==> flow/design.v <==
module gen_order #(
  parameter integer W = 20
) (
  input logic i_clk,
  input logic RSTN,
  input logic [W-1:0] src1_i,
  input logic [W-1:0] src2_i,
  output logic is_gt_o,
  output logic is_lt_o
);
  logic [W-1:0] src1_ff;
  always_ff @(posedge i_clk or negedge RSTN) begin
    if (!RSTN) begin
      src1_ff <= '0;
    end else begin
      src1_ff <= src1_i;
    end
  end
  logic [W-1:0] src2_ff;
  always_ff @(posedge i_clk or negedge RSTN) begin
    if (!RSTN) begin
      src2_ff <= '0;
    end else begin
      src2_ff <= src2_i;
    end
  end
  logic g;
  logic l;
  always_comb begin
    g = 1'b0;
    l = 1'b0;
    for (int idx = W-1; idx >= 0; idx = idx - 1) begin
      if (!g && !l) begin
        g = src1_ff[idx] & ~src2_ff[idx];
        l = ~src1_ff[idx] & src2_ff[idx];
      end
    end
  end
  assign is_gt_o = g;
  assign is_lt_o = l;
endmodule
Step by step through the tools: gen_order:

The steps from the RTL of gen_order to its reports follow in flow order.
Lines are those of the file above, counted from 1.
Operators carry their Yosys type and port widths (W data, S select, Z words).
Cell names lack the library's common part.
Not given: -

* top: gen_order
* clock: i_clk
* standard-cell library: sky130hd
* timing corner: tt_025C_1v80

Elaborated design:

Counts by Yosys on the flattened word-level netlist (proc, flatten, opt, wreduce; memories kept). Register bits leave out memories and registers merged into their read ports (data or address); mux counts leave out enables and synchronous resets folded into registers. Print and check cells are left out. Cells with the same type and inputs are merged into one.

* add/subtract/negate cells: 0
* multiply operators: 0
* div/mod/pow operators: 0
* order comparisons: 0
* eq/ne operators: 0
* shift operators: 0
* muxes and demuxes: 38
* bitwise operators: 80
* reductions and logical operators: 57

Operator list (count)
* $and A1 B1 Y1: 40
* $not A1 Y1: 40
* $logic_not A1 Y1: 38
* $mux W1: 38
* $logic_and A1 B1 Y1: 19

* register bits after elaboration: 40
* bits in latches: 0
* memory bits (writable): 0
* bits in read-only memories: 0
* word width x clocked read ports: 0
* memories kept: 0
* input bits: 42

Depth:

Yosys ltp: most cells in a row. Word level: on the elaborated netlist, between registers, memories and ports. Mapped: between sequential cells and ports; inverters and the memories' decode and read muxes count.

* word-level depth: 59
* ABC_AREA: 0
* depth in mapped cells: 8
* mapped depth without buffers: 8

Mapped cells and area:

Yosys stat after the flow's synthesis: flattened, memories mapped to cells. It holds for the ABC_AREA given above (unset counts as 0); a run with the other value may have another netlist.

* standard cells after synthesis: 134
* synthesis area: 1634.1 µm²
* flip-flop cells: 40
* buffer cells: 0

Cell types (count)
* dfrtp_1: 40
* inv_1: 19
* maj3_1: 7
* nor2b_1: 11
* maj3_2: 6
* nand2b_1: 5
* a211oi_1: 4
* nor2b_4: 2
* a21oi_1: 5
* ha_1: 2
* nor3b_1: 3
* o21ba_2: 2
* nor2_1: 4
* o21ai_0: 3
* o21bai_1: 2
* nand2_1: 3
* a311o_1: 1
* nand3_1: 2

Other cell types: 12; their cells: 13.

Timing after synthesis:

Source: OpenSTA report_checks on the synthesized netlist (no wires, ideal clock, input and output delay 20% of the period each), path of least setup slack; recovery checks are left aside. Register names are those of the netlist, which keeps one name where synthesis merged equal registers.

* path kind: register -> output
* start: reg src1_ff[10]
* end: out is_lt_o
* clock period: 2730 ps
* time at the first pin: 0 ps
* arrival: 1748 ps
* required time: 2184 ps
* slack: 436 ps
* path delay: 1748 ps
* stages on the path: 7
* path buffers: 0
* period reached after synthesis: 2294 ps

"path delay" is the arrival time less input delay plus setup time.
A path that ends at an output port has no setup time.
"stages on the path" counts driving pins, that of a launching flip-flop among them; a cell with two outputs on the path counts twice.
"period reached after synthesis" is the clock period less the worst setup slack; recovery checks do not enter. This is arithmetic on one report: input and output delays are still those of the set period (20% each).
The rows between start and end are the longest chain of elaborated cells between them; the timing report does not say that the signal goes this way. Where chains are equally long, one stands for them.
Each line given opens the expression or statement behind the cell; cells for indexed reads and writes are added by Yosys, which also makes memories of some case tables.

* cells stage by stage: dfrtp_1 -> nor2b_4 -> maj3_2 -> maj3_2 -> maj3_2 -> o21ba_1 -> a21oi_1
* length of the longest elaborated chain: 33

Ends and longest elaborated chain, after synthesis
* from (decl): RTL line 11 `logic [W-1:0] src1_ff;`
* from (assign): RTL line 14 `src1_ff <= '0;`
* from (assign): RTL line 16 `src1_ff <= src1_i;`
* $not A1 Y1: RTL line 35 `l = ~src1_ff[idx] & src2_ff[idx];`
* $and A1 B1 Y1: RTL line 35
* $mux W1: RTL line 33 `if (!g && !l) begin`
* $logic_not A1 Y1: RTL line 33
* $logic_and A1 B1 Y1: RTL line 33
* $mux W1: RTL line 33
* $logic_not A1 Y1: RTL line 33
* (+19 left out)
* $mux W1: RTL line 33
* $logic_not A1 Y1: RTL line 33
* $logic_and A1 B1 Y1: RTL line 33
* $mux W1: RTL line 33
* $logic_not A1 Y1: RTL line 33
* $logic_and A1 B1 Y1: RTL line 33
* $mux W1: RTL line 33
* to (decl): RTL line 9 `output logic is_lt_o`

Timing after layout:

Path of least setup slack in the final report of record 1 (OpenROAD, finished layout, wires in). Where an end is a register, its clock arrival counts in the times.
The path's times are printed in steps of 10 ps; the period is the one set.

* path kind: register -> output
* start: reg src1_ff[17]
* end: out is_lt_o
* clock period: 1380 ps
* time at the first pin: 290 ps
* arrival: 2190 ps
* required time: 1100 ps
* slack: -1090 ps
* stages on the path: 9
* path buffers: 2

The rows between start and end are the longest chain of elaborated cells between them; the timing report does not say that the signal goes this way. Where chains are equally long, one stands for them.

* cells stage by stage: dfrtp_1 -> nand2b_1 -> a211oi_2 -> nor2_1 -> o31a_1 -> buf_4 -> o21ba_1 -> a21oi_2 -> buf_2
* length of the longest elaborated chain: 54

Ends and longest elaborated chain, after layout
* from (decl): RTL line 11 `logic [W-1:0] src1_ff;`
* from (assign): RTL line 14 `src1_ff <= '0;`
* from (assign): RTL line 16 `src1_ff <= src1_i;`
* $not A1 Y1: RTL line 35 `l = ~src1_ff[idx] & src2_ff[idx];`
* $and A1 B1 Y1: RTL line 35
* $mux W1: RTL line 33 `if (!g && !l) begin`
* $logic_not A1 Y1: RTL line 33
* $logic_and A1 B1 Y1: RTL line 33
* $mux W1: RTL line 33
* $logic_not A1 Y1: RTL line 33
* (+40 left out)
* $mux W1: RTL line 33
* $logic_not A1 Y1: RTL line 33
* $logic_and A1 B1 Y1: RTL line 33
* $mux W1: RTL line 33
* $logic_not A1 Y1: RTL line 33
* $logic_and A1 B1 Y1: RTL line 33
* $mux W1: RTL line 33
* to (decl): RTL line 9 `output logic is_lt_o`

Appendix: measured runs

Measured results for gen_order: 3 stored runs of the Yosys and OpenROAD flow on sky130hd. The settings differ; the order carries no meaning. The constraints put input and output delay at 20% of the set period each and load the outputs with 0.01 pF.
"clock period achieved" means the clock period less the worst setup slack. The figure is calculated, with input and output delays left at 20% of the set period.
"time of the worst setup path" = time allowed to the worst setup path (clock period - input delay - output delay, where it has them) - its slack; a late launch clock adds to it, a late capture clock takes from it.
By "power consumption" is meant OpenSTA's value without simulated activity: inputs other than the clock are taken to toggle once in ten clock periods, and the tool carries that through the logic.
"time of the worst setup path" is known to 10 ps.

### Record 1

Settings: `period_ns=1.38`, `CORE_UTILIZATION=37`, `SETUP_SLACK_MARGIN=0.18`, `PLACE_DENSITY_LB_ADDON=0.17`, `CORE_MARGIN=9`, `TNS_END_PERCENT=15`, `CAP_MARGIN=40`, `SLEW_MARGIN=20`

- Power consumption: 2.679 mW
- Total die area: 7,132.6 µm²
- Time of the worst setup path: 2,190 ps
- Critical path type: register -> output
- Yosys chip area after synthesis: 1,634.1 µm²
- Setup slack of the worst path: -1,088 ps
- Utilization: 57.9%
- Standard-cell area after routing: 2,398.6 µm²
- Clock period achieved: 2,468 ps

### Record 2

Settings: `period_ns=3.55`, `CORE_UTILIZATION=65`, `SETUP_SLACK_MARGIN=-0.2`, `PLACE_DENSITY=0.85`, `CORE_ASPECT_RATIO=1.11`, `CORE_MARGIN=3`, `CELL_PAD_IN_SITES_DETAIL_PLACEMENT=1`, `TNS_END_PERCENT=80`, `CAP_MARGIN=5`, `MIN_ROUTING_LAYER=met2`, `SLEW_MARGIN=20`

Incomplete, placement halted on DPL-0033.

### Record 3

Settings: `period_ns=2.73`, `CAP_MARGIN=20`, `CORE_MARGIN=2`, `CORE_UTILIZATION=40`, `SLEW_MARGIN=20`

- Power consumption: 1.307 mW
- Total die area: 4,612.4 µm²
- Time of the worst setup path: 2,170 ps
- Critical path type: register -> output
- Yosys chip area after synthesis: 1,634.1 µm²
- Setup slack of the worst path: 16 ps
- Utilization: 57.6%
- Standard-cell area after routing: 2,288.4 µm²
- Clock period achieved: 2,714 ps
